==> flow/design.v <==
module sum_block_stage #(
    parameter int DATA_WIDTH = 80
) (
    input logic i_clk,
    input logic rst_ni,
    input logic clk_en,
    input logic [DATA_WIDTH-1:0] A,
    input logic [DATA_WIDTH-1:0] B,
    input logic [DATA_WIDTH-1:0] C,
    output logic [DATA_WIDTH+1:0] s
);
    logic [DATA_WIDTH-1:0] A_q;
    logic [DATA_WIDTH-1:0] B_q;
    logic [DATA_WIDTH-1:0] C_q;
    always_ff @(posedge i_clk or negedge rst_ni) begin
        if (~rst_ni) begin
            A_q <= '0;
            B_q <= '0;
            C_q <= '0;
            s <= '0;
        end else if (clk_en) begin
            A_q <= A;
            B_q <= B;
            C_q <= C;
            s <= A_q + B_q + C_q;
        end
    end
endmodule
Reports on sum_block_stage
The steps from the RTL of sum_block_stage to its reports follow in flow order.
Lines are those of the file above, counted from 1.
Library cell names are shortened.
A cell with - has no value.

set-up
  top module = sum_block_stage
  clock input = i_clk
  standard-cell library = sky130hd
  library corner = tt_025C_1v80

Word-level counts
Source: Yosys, flattened and elaborated, memories not mapped. Widths are those after wreduce; folded enables and synchronous resets count as part of the registers. Registers that Yosys merges into a memory's read port (data or address) are not register bits. Print and check cells do not count. Equal cells are merged and count once.

operators by class
  div/mod/pow operators = 0
  magnitude comparators = 0
  $mul = 0
  shift operators = 0
  equal/unequal tests = 0
  bitwise gates (word level) = 0
  multiplexer cells = 0
  reductions and logical operators = 0
  $add $sub $neg = 2

operators by type and width
  kind                                       number
  81-bit by 80-bit adder with 82-bit output  1
  80-bit by 80-bit adder with 81-bit output  1

word-level totals
  word-level cells = 6
  latch bits = 0
  memory bits (read-only) = 0
  output and inout bits = 82
  memories kept = 0
  bits in registers = 322
  bits in writable memories = 0
  clocked read ports x word width = 0
  input bits = 243

Longest topological paths
Yosys ltp: most cells in a row. Word level: on the elaborated netlist, between registers, memories and ports. Mapped: between sequential cells and ports; inverters and the memories' decode and read muxes count.

logic depth
  depth in word-level cells = 2
  ABC_AREA = 0
  gate-level depth with buffers = 15

Netlist
The flow's flattened synthesis, as Yosys stat reports it; memories are mapped. The netlist is that of the ABC_AREA named above (0 if unset); the other value can give another one.
Totals and module areas in this step are rounded.

synthesis totals
  buffer cells = 85
  mapped area = 18470 um^2
  mapped cells = 1562
  mapped flip-flops = 322
  area of sequential cells = 8058 um^2

cell types
  type      number  area in all (um^2)
  dfrtp_1   322     8.06E+03
  mux2_2    301     3.39E+03
  fa_1      81      1.62E+03
  ha_1      79      988.448
  a21oi_1   109     545.523
  xnor2_1   40      350.336
  o21ai_0   67      335.322
  nand2_1   89      334.07
  a21o_1    35      262.752
  xor2_1    30      262.752
  clkbuf_1  65      243.984
  nor2_1    57      213.955
  nand4_1   33      206.448
  o21bai_1  23      172.666
  inv_1     36      135.13
  nand3_1   20      100.096
  buf_2     19      95.091
  a211oi_1  12      90.086

Not listed: further types 47, cells in them 144.

Timing after synthesis
Source: OpenSTA report_checks on the synthesized netlist (no wires, ideal clock, input and output delay 20% of the period each), path of least setup slack; recovery checks are left aside. Register names are those of the netlist, which keeps one name where synthesis merged equal registers.

path post-synthesis
  path type = flip-flop to flip-flop
  start = register A_q[35]
  end = register s[74]
  setup time = 0.124 ns
  path buffers = 0
  launch time at the first pin = 0.000 ns
  setup slack = 0.863 ns
  stages on the path = 13
  arrival = 3.323 ns
  path delay = 3.447 ns
  period = 4.31 ns
  synthesis period reached = 3.447 ns

"path delay" is the arrival time less input delay plus setup time.
"stages on the path" counts driving pins, that of a launching flip-flop among them; a cell with two outputs on the path counts twice.
"synthesis period reached" is the clock period less the worst setup slack; recovery checks do not enter. This is arithmetic on one report: input and output delays are still those of the set period (20% each).
The rows between start and end are the longest chain of elaborated cells between them; the timing report does not say that the signal goes this way. Where chains are equally long, one stands for them.
A line is the first line of the expression or statement that the cell stems from. Yosys adds cells for indexed reads and writes and turns some case tables into memories.

on the way, post-synthesis
  cell sequence = dfrtp_1 -> fa_1 -> ha_1 -> a21oi_1 -> o21ai_1 -> a21oi_1 -> o21ai_0 -> a211o_1 -> a221o_1 -> a31oi_4 -> o41ai_1 -> or3_1 -> a211o_1
  cells in the longest elaborated chain = 2

RTL lines, path post-synthesis
  what                                       RTL line  text
  from (decl)                                12        logic [DATA_WIDTH-1:0] A_q;
  from (assign)                              17        A_q <= '0;
  from (assign)                              22        A_q <= A;
  80-bit by 80-bit adder with 81-bit output  25        s <= A_q + B_q + C_q;
  81-bit by 80-bit adder with 82-bit output  25
  to (assign)                                20        s <= '0;
  to (assign)                                25
  to (decl)                                  10        output logic [DATA_WIDTH+1:0] s

Worst path after layout
Path of least setup slack in the final report of flow run 1 (OpenROAD, finished layout, wires in). Where an end is a register, its clock arrival counts in the times.

path post-layout
  path type = flip-flop to flip-flop
  start = register C_q[41]
  end = register s[77]
  arrival = 4.06 ns
  stages on the path = 16
  path buffers = 4
  setup slack = -0.50 ns
  launch time at the first pin = 0.55 ns
  setup time = 0.11 ns
  period = 3.14 ns

The rows between start and end are the longest chain of elaborated cells between them; the timing report does not say that the signal goes this way. Where chains are equally long, one stands for them.

on the way, post-layout
  cell sequence = dfrtp_1 -> fa_1 -> ha_4 -> buf_4 -> nand4_1 -> or3_4 -> nor2_2 -> buf_4 -> o211ai_1 -> buf_4 -> a2111oi_4 -> buf_4 -> o31a_1 -> nor2_2 -> xnor2_1 -> mux2_2
  cells in the longest elaborated chain = 1

RTL lines, path post-layout
  what                                       RTL line  text
  from (decl)                                14        logic [DATA_WIDTH-1:0] C_q;
  from (assign)                              19        C_q <= '0;
  from (assign)                              24        C_q <= C;
  81-bit by 80-bit adder with 82-bit output  25        s <= A_q + B_q + C_q;
  to (assign)                                20        s <= '0;
  to (assign)                                25
  to (decl)                                  10        output logic [DATA_WIDTH+1:0] s

Data sheet: physical implementation of sum_block_stage

Settings and measured results of 2 stored flow runs for module sum_block_stage (sky130hd), not sorted in any way. The constraints put input and output delay at 20% of the set period each and load the outputs with 0.01 pF.
"clock period achieved" is the run's clock period less its worst setup slack. It is reckoned from that one timing run; input and output delays stay at 20% of the period that was set.
"worst setup path time" = time allowed to the worst setup path (clock period - input delay - output delay, where it has them) - its slack; a late launch clock adds to it, a late capture clock takes from it.
The measured numbers are rounded.
Settings: n/a = not set for that run.

item                                           flow run 1              flow run 2
period_ns                                      3.14                    4.31
CORE_UTILIZATION                               32                      40
PLACE_DENSITY                                  0.77                    n/a
CELL_PAD_IN_SITES_GLOBAL_PLACEMENT             1                       n/a
CELL_PAD_IN_SITES_DETAIL_PLACEMENT             0                       n/a
ABC_AREA                                       0                       n/a
CAP_MARGIN                                     20                      20
CORE_MARGIN                                    2                       2
SLEW_MARGIN                                    20                      20
clock period achieved (ns)                     3.639                   4.000
final design utilization (%)                   48.2                    52.0
synthesized cell area (um^2)                   18470                   18470
standard-cell area of the final layout (um^2)  27650                   23640
lowest setup slack (ns)                        -0.499                  0.310
total negative setup slack (ns)                -16.38                  0.000
worst setup path time (ns)                     3.64                    4.00
critical path kind                             flip-flop to flip-flop  flip-flop to flip-flop
die area (um^2)                                59660                   47910
